==> flow/design.v <==
module my_addsub_n #(
   parameter DATA_WIDTH = 6
) (
   input  wire clk_i,
   input  wire [DATA_WIDTH-1:0] u,
   input  wire [DATA_WIDTH-1:0] v,
   output wire [DATA_WIDTH-1:0] result,
   output wire under
);
   reg [DATA_WIDTH-1:0] u_q;
   reg [DATA_WIDTH-1:0] v_q;
   localparam LW = DATA_WIDTH / 2;
   reg [LW:0] low_q;
   reg [DATA_WIDTH-LW-1:0] u_hi_q;
   reg [DATA_WIDTH-LW-1:0] v_hi_q;
   wire [DATA_WIDTH-LW:0] hi = u_hi_q - v_hi_q - low_q[LW];
   reg [DATA_WIDTH-1:0] result_q;
   assign result = result_q;
   reg under_q;
   assign under = under_q;
   always @(posedge clk_i) begin
      u_q <= u;
      v_q <= v;
      low_q <= u_q[LW-1:0] - v_q[LW-1:0];
      u_hi_q <= u_q[DATA_WIDTH-1:LW];
      v_hi_q <= v_q[DATA_WIDTH-1:LW];
      result_q <= {hi[DATA_WIDTH-LW-1:0], low_q[LW-1:0]};
      under_q <= hi[DATA_WIDTH-LW];
   end
endmodule
=== Tool chain data of my_addsub_n ===
The steps from the RTL of my_addsub_n to its reports follow in flow order.
Line numbers count from 1 in the design file above.
Operators carry their Yosys type and port widths (W data, S select, Z words).
A cell with - has no value.

* Top module: my_addsub_n
* Clock: clk_i
* Standard-cell library: sky130hd
* Timing corner: tt_025C_1v80

=== Word-level counts ===
Yosys after proc, flatten, opt, wreduce and memory -nomap, before mapping. Enables and synchronous resets that opt folds into registers are not counted as muxes. Memory bits, and registers merged into a memory's read port (data or address), are not among the register bits. Print and check cells are not counted. Equal cells are merged and count once.

* Input bits: 13
* Output and inout port bits: 7
* Register bits after elaboration: 29
* Word-level cells: 10

* $add $sub $neg: 3

{| class="wikitable"
|+ Operators by type and width
! kind !! number
|-
| $sub A3 B3 Y4 || 2
|-
| $sub A4 B1 Y4 || 1
|}

=== Longest topological paths ===
Longest topological path by Yosys (ltp), each cell counted once; first at word level (registers and memories cut), then after technology mapping (sequential cells cut; the memories' decode and read muxes count).

* Depth in word-level cells: 2
* ABC_AREA: 0
* Gate-level depth with buffers: 7

=== After synthesis ===
Source: synth_stat.txt of the flow (Yosys; design flattened, memories mapped). It holds for the ABC_AREA given above (unset counts as 0); a run with the other value may have another netlist.
The area totals of this step are shown rounded.

{| class="wikitable"
|+ Cells by type
! type !! number
|-
| sky130_fd_sc_hd__dfxtp_1 || 29
|-
| sky130_fd_sc_hd__ha_1 || 7
|-
| sky130_fd_sc_hd__fa_1 || 3
|-
| sky130_fd_sc_hd__inv_1 || 13
|-
| sky130_fd_sc_hd__xnor2_1 || 2
|-
| sky130_fd_sc_hd__xor2_1 || 2
|-
| sky130_fd_sc_hd__a21o_1 || 1
|-
| sky130_fd_sc_hd__nand3b_1 || 1
|-
| sky130_fd_sc_hd__a21oi_1 || 1
|-
| sky130_fd_sc_hd__o21ai_1 || 1
|}

* Mapped flip-flops: 29
* Cell area after synthesis: 837 um2
* Mapped cells: 60
* Area of sequential cells: 581 um2
* Buffers: 0

=== Timing after synthesis ===
OpenSTA on the mapped netlist: ideal clock, no wires. The path of least setup slack (recovery checks aside). Input and output delay are each 20% of the period. Register names are those of the netlist, which keeps one name where synthesis merged equal registers.

* Path type: reg2reg
* From: register low_q[3]
* To: register under_q
* Setup slack: 0.385 ns
* Path delay: 1.525 ns
* Data required time: 1.792 ns
* Setup time: 0.118 ns
* Clock period: 1.91 ns
* Arrival time: 1.407 ns
* Driving pins on the path: 8
* Path buffers: 0
* Launch time at the first pin: 0.000 ns
* Synthesis period reached: 1.525 ns

"path delay" is the arrival time less input delay plus setup time.
"driving pins on the path" counts driving pins, that of a launching flip-flop among them; a cell with two outputs on the path counts twice.
"synthesis period reached" is the clock period less the worst setup slack; recovery checks do not enter. This is arithmetic on one report: input and output delays are still those of the set period (20% each).
The rows between start and end are the longest chain of elaborated cells between them; the timing report does not say that the signal goes this way. Where chains are equally long, one stands for them.
Each line given opens the expression or statement behind the cell; cells for indexed reads and writes are added by Yosys, which also makes memories of some case tables.

* Path through: sky130_fd_sc_hd__dfxtp_1 -> sky130_fd_sc_hd__inv_1 -> sky130_fd_sc_hd__fa_1 -> sky130_fd_sc_hd__inv_1 -> sky130_fd_sc_hd__ha_1 -> sky130_fd_sc_hd__o21ai_1 -> sky130_fd_sc_hd__nand3b_1 -> sky130_fd_sc_hd__xnor2_1
* Cells in the longest elaborated chain: 1
* Elaborated cells on any way between the ends: 1
* RTL lines with such cells: 1
* Classes of those cells: 1 x add/sub

{| class="wikitable"
|+ Ends and longest elaborated chain, post-synthesis
! item !! RTL line !! source
|-
| from (decl) || 13 || <nowiki>reg [LW:0] low_q;</nowiki>
|-
| from (assign) || 24 || <nowiki>low_q <= u_q[LW-1:0] - v_q[LW-1:0];</nowiki>
|-
| $sub A4 B1 Y4 || 16 || <nowiki>wire [DATA_WIDTH-LW:0] hi = u_hi_q - v_hi_q - low_q[LW];</nowiki>
|-
| to (assign) || 28 || <nowiki>under_q <= hi[DATA_WIDTH-LW];</nowiki>
|-
| to (decl) || 19 || <nowiki>reg under_q;</nowiki>
|}

=== Path in the finished layout ===
From the final timing report of flow run 2: the path of least setup slack in the routed layout; clock arrival at registers is part of the times.

* Path type: reg2reg
* From: register low_q[3]
* To: register under_q
* Driving pins on the path: 8
* Arrival time: 1.77 ns
* Setup time: 0.10 ns
* Data required time: 2.10 ns
* Launch time at the first pin: 0.30 ns
* Clock period: 1.91 ns
* Setup slack: 0.33 ns
* Path buffers: 0

The rows between start and end are the longest chain of elaborated cells between them; the timing report does not say that the signal goes this way. Where chains are equally long, one stands for them.

* Path through: sky130_fd_sc_hd__dfxtp_1 -> sky130_fd_sc_hd__inv_1 -> sky130_fd_sc_hd__fa_1 -> sky130_fd_sc_hd__inv_1 -> sky130_fd_sc_hd__ha_1 -> sky130_fd_sc_hd__o21ai_1 -> sky130_fd_sc_hd__nand3b_1 -> sky130_fd_sc_hd__xnor2_1
* Cells in the longest elaborated chain: 1
* Elaborated cells on any way between the ends: 1
* RTL lines with such cells: 1
* Classes of those cells: 1 x add/sub

{| class="wikitable"
|+ Ends and longest elaborated chain, post-layout
! item !! RTL line !! source
|-
| from (decl) || 13 || <nowiki>reg [LW:0] low_q;</nowiki>
|-
| from (assign) || 24 || <nowiki>low_q <= u_q[LW-1:0] - v_q[LW-1:0];</nowiki>
|-
| $sub A4 B1 Y4 || 16 || <nowiki>wire [DATA_WIDTH-LW:0] hi = u_hi_q - v_hi_q - low_q[LW];</nowiki>
|-
| to (assign) || 28 || <nowiki>under_q <= hi[DATA_WIDTH-LW];</nowiki>
|-
| to (decl) || 19 || <nowiki>reg under_q;</nowiki>
|}

3 stored runs of my_addsub_n in the flow (synthesis by Yosys, layout by OpenROAD, sky130hd cells), in arbitrary order. Constraints: input delay and output delay 20% of the set period each, output load 0.01 pF.
"achieved clock period": clock period set for the run, less the worst setup slack. It is reckoned from that one timing run; input and output delays stay at 20% of the period that was set.
"time used up by the worst setup path" is the time allowed to the run's worst setup path (the clock period less input and output delay, where it has them) less its slack. Clock arrival times count: a late capture clock shortens it, a late launch clock lengthens it.
"power": no workload was simulated; the value follows from the tool's default switching activity.
Measured values are rounded.

=== Flow run 1 ===
{| class="wikitable"
! Setting !! Value
|-
| period_ns || 0.947
|-
| CORE_UTILIZATION || 60
|-
| SETUP_SLACK_MARGIN || 0.05
|-
| PLACE_DENSITY_LB_ADDON || 0.29
|-
| CORE_ASPECT_RATIO || 0.94
|-
| CELL_PAD_IN_SITES_DETAIL_PLACEMENT || 1
|-
| GPL_ROUTABILITY_DRIVEN || 0
|-
| SLEW_MARGIN || 40
|-
| CAP_MARGIN || 20
|-
| CORE_MARGIN || 2
|}
No results, placement failed with DPL-0033.

=== Flow run 2 ===
{| class="wikitable"
! Setting !! Value
|-
| period_ns || 1.91
|-
| CAP_MARGIN || 20
|-
| CORE_MARGIN || 2
|-
| CORE_UTILIZATION || 40
|-
| SLEW_MARGIN || 20
|-
! Result !! Value
|-
| Utilization of the finished layout || 56.9%
|-
| Final worst hold slack || 0.331 ns
|-
| Power || 1190 uW
|-
| Cell area after synthesis || 837 um2
|-
| Achieved clock period || 1.578 ns
|-
| Area of the die || 2470 um2
|-
| Std-cell area (final layout) || 1120 um2
|-
| Setup total negative slack || 0.000 ns
|-
| Worst setup slack after layout || 0.332 ns
|-
| Time used up by the worst setup path || 1.58 ns
|-
| Type of the worst setup path || reg2reg
|}

=== Flow run 3 ===
{| class="wikitable"
! Setting !! Value
|-
| period_ns || 2.81
|-
| CORE_UTILIZATION || 38
|-
| PLACE_DENSITY_LB_ADDON || 0.08
|-
| CORE_MARGIN || 6
|-
| CELL_PAD_IN_SITES_DETAIL_PLACEMENT || 2
|-
| GPL_TIMING_DRIVEN || 1
|-
| CTS_CLUSTER_DIAMETER || 299
|-
| SLEW_MARGIN || 40
|-
| CAP_MARGIN || 20
|-
! Result !! Value
|-
| Utilization of the finished layout || 55.9%
|-
| Final worst hold slack || 0.328 ns
|-
| Power || 874 uW
|-
| Cell area after synthesis || 837 um2
|-
| Achieved clock period || 1.767 ns
|-
| Area of the die || 3470 um2
|-
| Std-cell area (final layout) || 1130 um2
|-
| Setup total negative slack || 0.000 ns
|-
| Worst setup slack after layout || 1.04 ns
|-
| Time used up by the worst setup path || 1.21 ns
|-
| Type of the worst setup path || reg2out
|}
